==> flow/design.v <==
module dp_sub_unit_mod #(
  parameter integer W = 4
) (
  input wire clk,
  input wire clr,
  input wire [W-1:0] u_i,
  input wire [W-1:0] v_i,
  output reg [W:0] res_o,
  output reg [W:0] diff_o
);
  always @(posedge clk) begin
    if (clr) begin
      res_o <= 0;
      diff_o <= 0;
    end else begin
      res_o <= u_i + v_i;
      diff_o <= u_i - v_i;
    end
  end
endmodule
Subject: tool reports on dp_sub_unit_mod

Hi,

* Reports on dp_sub_unit_mod
Tool output for the members of one design family, told apart by "W", in the order of the flow. The file above is the member W 4. Line numbers count from 1 in each member's own file. Operators carry their Yosys type and port widths (W data, S select, Z words). Not given: n/a
Inputs: top dp_sub_unit_mod, clock input clk, cell library sky130hd, library corner tt_025C_1v80

* Members of the sweep
Lines of each other member's file that are new or changed against the file above; lines that a member lacks are not shown.
Lines new or changed:
- W 16 | RTL line 2 | parameter integer W = 16
- W 32 | RTL line 2 | parameter integer W = 32
- W 36 | RTL line 2 | parameter integer W = 36
- W 48 | RTL line 2 | parameter integer W = 48
- W 80 | RTL line 2 | parameter integer W = 80
- W 96 | RTL line 2 | parameter integer W = 96

* Word level
Yosys after proc, flatten, opt, wreduce and memory -nomap, before mapping. Enables and synchronous resets that opt folds into registers are not counted as muxes. Memory bits, and registers merged into a memory's read port (data or address), are not among the register bits. Print and check cells are not counted. Equal cells are merged and count once.
Operators by class ($add $sub $neg):
- W 4 | 2
- W 16 | 2
- W 32 | 2
- W 36 | 2
- W 48 | 2
- W 80 | 2
- W 96 | 2
Operator list (kinds with counts):
- W 4 | 1 x $add A4 B4 Y5; 1 x $sub A4 B4 Y5
- W 16 | 1 x $add A16 B16 Y17; 1 x $sub A16 B16 Y17
- W 32 | 1 x $add A32 B32 Y33; 1 x $sub A32 B32 Y33
- W 36 | 1 x $add A36 B36 Y37; 1 x $sub A36 B36 Y37
- W 48 | 1 x $add A48 B48 Y49; 1 x $sub A48 B48 Y49
- W 80 | 1 x $add A80 B80 Y81; 1 x $sub A80 B80 Y81
- W 96 | 1 x $add A96 B96 Y97; 1 x $sub A96 B96 Y97
Bit counts:
- W 4 | bits of input ports 10, output and inout port bits 10, register bits 10, cells after elaboration 4
- W 16 | bits of input ports 34, output and inout port bits 34, register bits 34, cells after elaboration 4
- W 32 | bits of input ports 66, output and inout port bits 66, register bits 66, cells after elaboration 4
- W 36 | bits of input ports 74, output and inout port bits 74, register bits 74, cells after elaboration 4
- W 48 | bits of input ports 98, output and inout port bits 98, register bits 98, cells after elaboration 4
- W 80 | bits of input ports 162, output and inout port bits 162, register bits 162, cells after elaboration 4
- W 96 | bits of input ports 194, output and inout port bits 194, register bits 194, cells after elaboration 4

* Longest topological paths
Yosys ltp: most cells in a row. Word level: on the elaborated netlist, between registers, memories and ports. Mapped: between sequential cells and ports; inverters and the memories' decode and read muxes count.
Depth:
- W 4 | word-level depth 1, ABC_AREA 0, depth in mapped cells 6
- W 16 | word-level depth 1, ABC_AREA 0, depth in mapped cells 9
- W 32 | word-level depth 1, ABC_AREA 0, depth in mapped cells 11
- W 36 | word-level depth 1, ABC_AREA 0, depth in mapped cells 12
- W 48 | word-level depth 1, ABC_AREA 0, depth in mapped cells 12
- W 80 | word-level depth 1, ABC_AREA 0, depth in mapped cells 14
- W 96 | word-level depth 1, ABC_AREA 0, depth in mapped cells 15

* Mapped cells and area
Source: synth_stat.txt of the flow (Yosys; design flattened, memories mapped). It holds for the ABC_AREA given above (unset counts as 0); a run with the other value may have another netlist.
Mapped netlist:
- W 4 | chip area (Yosys) 0.000498 mm2, sequential area 0.0001802 mm2, cells in the netlist 50, buffer cells 2, flip-flops 9
- W 16 | chip area (Yosys) 0.0023835 mm2, sequential area 0.0006606 mm2, cells in the netlist 288, buffer cells 12, flip-flops 33
- W 32 | chip area (Yosys) 0.0053038 mm2, sequential area 0.0013012 mm2, cells in the netlist 689, buffer cells 34, flip-flops 65
- W 36 | chip area (Yosys) 0.0059495 mm2, sequential area 0.0014614 mm2, cells in the netlist 773, buffer cells 35, flip-flops 73
- W 48 | chip area (Yosys) 0.0081929 mm2, sequential area 0.0019419 mm2, cells in the netlist 1092, buffer cells 48, flip-flops 97
- W 80 | chip area (Yosys) 0.0143788 mm2, sequential area 0.0032231 mm2, cells in the netlist 1969, buffer cells 95, flip-flops 161
- W 96 | chip area (Yosys) 0.0170476 mm2, sequential area 0.0038637 mm2, cells in the netlist 2357, buffer cells 114, flip-flops 193
Cell types (types with counts):
- W 4 | 9 x sky130_fd_sc_hd__dfxtp_1; 8 x sky130_fd_sc_hd__ha_1; 2 x sky130_fd_sc_hd__fa_1; 6 x sky130_fd_sc_hd__inv_1; 2 x sky130_fd_sc_hd__mux2i_1; 1 x sky130_fd_sc_hd__a221oi_2; 2 x sky130_fd_sc_hd__and2b_1; 4 x sky130_fd_sc_hd__nor2_1; 3 x sky130_fd_sc_hd__nor3_1; 2 x sky130_fd_sc_hd__nor2b_1; 2 x sky130_fd_sc_hd__a21oi_1; 1 x sky130_fd_sc_hd__buf_4; 1 x sky130_fd_sc_hd__o21a_1; 1 x sky130_fd_sc_hd__o21bai_1; 1 x sky130_fd_sc_hd__nand2b_1; 1 x sky130_fd_sc_hd__or2_2; 1 x sky130_fd_sc_hd__buf_2; 1 x sky130_fd_sc_hd__o21ai_0; (+2)
- W 16 | 33 x sky130_fd_sc_hd__dfxtp_1; 32 x sky130_fd_sc_hd__ha_1; 31 x sky130_fd_sc_hd__a21oi_1; 37 x sky130_fd_sc_hd__nor2_1; 13 x sky130_fd_sc_hd__xnor2_1; 29 x sky130_fd_sc_hd__inv_1; 6 x sky130_fd_sc_hd__mux2i_1; 8 x sky130_fd_sc_hd__nand2b_1; 9 x sky130_fd_sc_hd__o21ai_0; 6 x sky130_fd_sc_hd__o31ai_1; 5 x sky130_fd_sc_hd__xor2_1; 2 x sky130_fd_sc_hd__fa_1; 8 x sky130_fd_sc_hd__nor3_1; 10 x sky130_fd_sc_hd__nand2_1; 5 x sky130_fd_sc_hd__or2_2; 5 x sky130_fd_sc_hd__buf_2; 4 x sky130_fd_sc_hd__nand3_1; 3 x sky130_fd_sc_hd__nor2b_1; (+42)
- W 32 | 65 x sky130_fd_sc_hd__dfxtp_1; 64 x sky130_fd_sc_hd__ha_1; 100 x sky130_fd_sc_hd__nor2_1; 36 x sky130_fd_sc_hd__xnor2_1; 59 x sky130_fd_sc_hd__a21oi_1; 65 x sky130_fd_sc_hd__inv_1; 35 x sky130_fd_sc_hd__o21ai_0; 17 x sky130_fd_sc_hd__nor2b_1; 28 x sky130_fd_sc_hd__nand2_1; 13 x sky130_fd_sc_hd__a21o_1; 8 x sky130_fd_sc_hd__mux2_2; 18 x sky130_fd_sc_hd__nor3_1; 17 x sky130_fd_sc_hd__nand3_1; 21 x sky130_fd_sc_hd__clkbuf_1; 9 x sky130_fd_sc_hd__o21a_1; 10 x sky130_fd_sc_hd__a31oi_1; 10 x sky130_fd_sc_hd__nand2b_1; 7 x sky130_fd_sc_hd__o21bai_1; (+107)
- W 36 | 73 x sky130_fd_sc_hd__dfxtp_1; 72 x sky130_fd_sc_hd__ha_1; 88 x sky130_fd_sc_hd__a21oi_1; 117 x sky130_fd_sc_hd__nor2_1; 48 x sky130_fd_sc_hd__xnor2_1; 67 x sky130_fd_sc_hd__inv_1; 35 x sky130_fd_sc_hd__o21ai_0; 19 x sky130_fd_sc_hd__o21bai_1; 31 x sky130_fd_sc_hd__nand2_1; 13 x sky130_fd_sc_hd__a21o_1; 13 x sky130_fd_sc_hd__nand4_1; 10 x sky130_fd_sc_hd__o31ai_1; 14 x sky130_fd_sc_hd__nor3_1; 18 x sky130_fd_sc_hd__clkbuf_1; 13 x sky130_fd_sc_hd__nand3_1; 8 x sky130_fd_sc_hd__a211oi_1; 7 x sky130_fd_sc_hd__o211ai_1; 8 x sky130_fd_sc_hd__or3_1; (+119)
- W 48 | 97 x sky130_fd_sc_hd__dfxtp_1; 96 x sky130_fd_sc_hd__ha_1; 138 x sky130_fd_sc_hd__a21oi_1; 152 x sky130_fd_sc_hd__nor2_1; 64 x sky130_fd_sc_hd__xnor2_1; 104 x sky130_fd_sc_hd__inv_1; 31 x sky130_fd_sc_hd__o21bai_1; 43 x sky130_fd_sc_hd__o21ai_0; 53 x sky130_fd_sc_hd__nand2_1; 17 x sky130_fd_sc_hd__a21o_1; 17 x sky130_fd_sc_hd__o31ai_1; 17 x sky130_fd_sc_hd__nor4_1; 27 x sky130_fd_sc_hd__clkbuf_1; 9 x sky130_fd_sc_hd__mux2_2; 15 x sky130_fd_sc_hd__nand4_1; 17 x sky130_fd_sc_hd__nand3_1; 11 x sky130_fd_sc_hd__o211ai_1; 13 x sky130_fd_sc_hd__nor2b_1; (+171)
- W 80 | 161 x sky130_fd_sc_hd__dfxtp_1; 160 x sky130_fd_sc_hd__ha_1; 235 x sky130_fd_sc_hd__a21oi_1; 273 x sky130_fd_sc_hd__nor2_1; 113 x sky130_fd_sc_hd__xnor2_1; 172 x sky130_fd_sc_hd__inv_1; 98 x sky130_fd_sc_hd__o21ai_0; 64 x sky130_fd_sc_hd__o21bai_1; 95 x sky130_fd_sc_hd__nand2_1; 71 x sky130_fd_sc_hd__clkbuf_1; 42 x sky130_fd_sc_hd__nand4_1; 37 x sky130_fd_sc_hd__nor4_1; 30 x sky130_fd_sc_hd__o31ai_1; 29 x sky130_fd_sc_hd__a21o_1; 40 x sky130_fd_sc_hd__nor3_1; 29 x sky130_fd_sc_hd__nor2b_1; 20 x sky130_fd_sc_hd__a211oi_1; 30 x sky130_fd_sc_hd__nand3_1; (+270)
- W 96 | 193 x sky130_fd_sc_hd__dfxtp_1; 192 x sky130_fd_sc_hd__ha_1; 158 x sky130_fd_sc_hd__xnor2_1; 365 x sky130_fd_sc_hd__nor2_1; 269 x sky130_fd_sc_hd__a21oi_1; 176 x sky130_fd_sc_hd__inv_1; 68 x sky130_fd_sc_hd__o21bai_1; 94 x sky130_fd_sc_hd__o21ai_0; 124 x sky130_fd_sc_hd__nand2_1; 60 x sky130_fd_sc_hd__nand4_1; 90 x sky130_fd_sc_hd__clkbuf_1; 36 x sky130_fd_sc_hd__o31ai_1; 40 x sky130_fd_sc_hd__nor4_1; 45 x sky130_fd_sc_hd__nor3_1; 43 x sky130_fd_sc_hd__nand3_1; 32 x sky130_fd_sc_hd__a31oi_1; 30 x sky130_fd_sc_hd__nor2b_1; 31 x sky130_fd_sc_hd__o21ai_1; (+311)
The mark (+n) counts cells that are not listed.

* Path before layout
OpenSTA on the mapped netlist: ideal clock, no wires. The path of least setup slack (recovery checks aside). Input and output delay are each 20% of the period. Register names are those of the netlist, which keeps one name where synthesis merged equal registers.
Timing after synthesis:
- W 4 | kind input to register, start in u_i[0], end reg res_o[4], path slack 260 ps, delay of the path 1044 ps, clock period 1630 ps, stages on the path 5, synthesis period reached 1370 ps
- W 16 | kind input to register, start in u_i[0], end reg res_o[12], path slack 445 ps, delay of the path 1778 ps, clock period 2780 ps, stages on the path 8, synthesis period reached 2335 ps
- W 32 | kind input to register, start in v_i[3], end reg diff_o[29], path slack 568 ps, delay of the path 2263 ps, clock period 3540 ps, stages on the path 11, synthesis period reached 2972 ps
- W 36 | kind input to register, start in u_i[0], end reg diff_o[32], path slack 571 ps, delay of the path 2269 ps, clock period 3550 ps, stages on the path 12, synthesis period reached 2979 ps
- W 48 | kind input to register, start in u_i[0], end reg res_o[42], path slack 606 ps, delay of the path 2435 ps, clock period 3800 ps, stages on the path 11, synthesis period reached 3194 ps
- W 80 | kind input to register, start in u_i[0], end reg diff_o[78], path slack 743 ps, delay of the path 2961 ps, clock period 4630 ps, stages on the path 13, synthesis period reached 3887 ps
- W 96 | kind input to register, start in v_i[9], end reg res_o[90], path slack 823 ps, delay of the path 3312 ps, clock period 5170 ps, stages on the path 13, synthesis period reached 4347 ps
"delay of the path" = arrival - input delay + setup time. "stages on the path": output pins that drive a net of the path, with the launching flip-flop's if there is one; two outputs of one cell count as two. "synthesis period reached" is the clock period less the worst setup slack; recovery checks do not enter. This is arithmetic on one report: input and output delays are still those of the set period (20% each). Between the ends stands the longest chain of elaborated cells between them, by number of cells; it is not shown to be the way that was timed. Of several equally long chains one is given. Each line given opens the expression or statement behind the cell; cells for indexed reads and writes are added by Yosys, which also makes memories of some case tables.
On the way, after synthesis, W 4: length of the longest elaborated chain 1
RTL lines, path after synthesis, W 4:
- from (decl) | RTL line 6 | input wire [W-1:0] u_i,
- $add A4 B4 Y5 | RTL line 16 | res_o <= u_i + v_i;
- to (assign) | RTL line 13 | res_o <= 0;
- to (assign) | RTL line 16
- to (decl) | RTL line 8 | output reg [W:0] res_o,
On the way, after synthesis, W 96: length of the longest elaborated chain 1
RTL lines, path after synthesis, W 96:
- from (decl) | RTL line 7 | input wire [W-1:0] v_i,
- $add A96 B96 Y97 | RTL line 16 | res_o <= u_i + v_i;
- to (assign) | RTL line 13 | res_o <= 0;
- to (assign) | RTL line 16
- to (decl) | RTL line 8 | output reg [W:0] res_o,

* Worst path after layout
From the final timing report of each member's run: the path of least setup slack in the routed layout; clock arrival at registers is part of the times. The path's times are printed in steps of 10 ps; the period is the one set.
Timing after layout:
- W 4 | kind input to register, start in u_i[0], end reg diff_o[4], path slack 60 ps, path buffers 1, stages on the path 7, arrival time 1730 ps, clock period 1630 ps
- W 16 | kind input to register, start in u_i[0], end reg diff_o[12], path slack 130 ps, path buffers 1, stages on the path 10, arrival time 2830 ps, clock period 2780 ps
- W 32 | kind input to register, start in u_i[0], end reg diff_o[32], path slack 210 ps, path buffers 1, stages on the path 12, arrival time 3490 ps, clock period 3540 ps
- W 36 | kind input to register, start in v_i[6], end reg res_o[33], path slack 150 ps, path buffers 1, stages on the path 12, arrival time 3630 ps, clock period 3550 ps
- W 48 | kind input to register, start in v_i[6], end reg res_o[47], path slack 70 ps, path buffers 2, stages on the path 13, arrival time 3970 ps, clock period 3800 ps
- W 80 | kind input to register, start in u_i[0], end reg res_o[72], path slack 160 ps, path buffers 3, stages on the path 15, arrival time 4830 ps, clock period 4630 ps
- W 96 | kind input to register, start in v_i[36], end reg res_o[90], path slack 80 ps, path buffers 2, stages on the path 16, arrival time 5480 ps, clock period 5170 ps

* Flow runs
Settings and results of one run of the flow (Yosys, OpenROAD) for each member follow. The constraints put input and output delay at 20% of the set period each and load the outputs with 0.01 pF.
Flow settings: CAP_MARGIN 20, CORE_MARGIN 2, CORE_UTILIZATION 40, SLEW_MARGIN 20
Settings that differ (period_ns):
- W 4 | 1.63
- W 16 | 2.78
- W 32 | 3.54
- W 36 | 3.55
- W 48 | 3.8
- W 80 | 4.63
- W 96 | 5.17
Final reports:
- W 4 | worst setup slack after layout 55 ps, overall power 610.2 uW, die footprint 0.0015433 mm2, standard-cell area of the final layout 0.0008008 mm2, setup total negative slack 0 ps, achieved period 1575 ps, worst hold slack in the final report 575 ps, synthesis area 0.000498 mm2
- W 16 | worst setup slack after layout 128 ps, overall power 1692 uW, die footprint 0.0065926 mm2, standard-cell area of the final layout 0.0035159 mm2, setup total negative slack 0 ps, achieved period 2652 ps, worst hold slack in the final report 965 ps, synthesis area 0.0023835 mm2
- W 32 | worst setup slack after layout 214 ps, overall power 2952 uW, die footprint 0.0141967 mm2, standard-cell area of the final layout 0.0076761 mm2, setup total negative slack 0 ps, achieved period 3326 ps, worst hold slack in the final report 973 ps, synthesis area 0.0053038 mm2
- W 36 | worst setup slack after layout 153 ps, overall power 3305 uW, die footprint 0.0158647 mm2, standard-cell area of the final layout 0.0086395 mm2, setup total negative slack 0 ps, achieved period 3397 ps, worst hold slack in the final report 937 ps, synthesis area 0.0059495 mm2
- W 48 | worst setup slack after layout 71 ps, overall power 4067 uW, die footprint 0.0216428 mm2, standard-cell area of the final layout 0.0118689 mm2, setup total negative slack 0 ps, achieved period 3729 ps, worst hold slack in the final report 858 ps, synthesis area 0.0081929 mm2
- W 80 | worst setup slack after layout 156 ps, overall power 5997 uW, die footprint 0.037479 mm2, standard-cell area of the final layout 0.0201994 mm2, setup total negative slack 0 ps, achieved period 4474 ps, worst hold slack in the final report 1005 ps, synthesis area 0.0143788 mm2
- W 96 | worst setup slack after layout 84 ps, overall power 6065 uW, die footprint 0.0442871 mm2, standard-cell area of the final layout 0.0231009 mm2, setup total negative slack 0 ps, achieved period 5086 ps, worst hold slack in the final report 1020 ps, synthesis area 0.0170476 mm2
"achieved period" means the clock period less the worst setup slack. The figure is calculated, with input and output delays left at 20% of the set period. "overall power" rests on the timing tool's default activity at the inputs, not on a simulated workload.

Regards
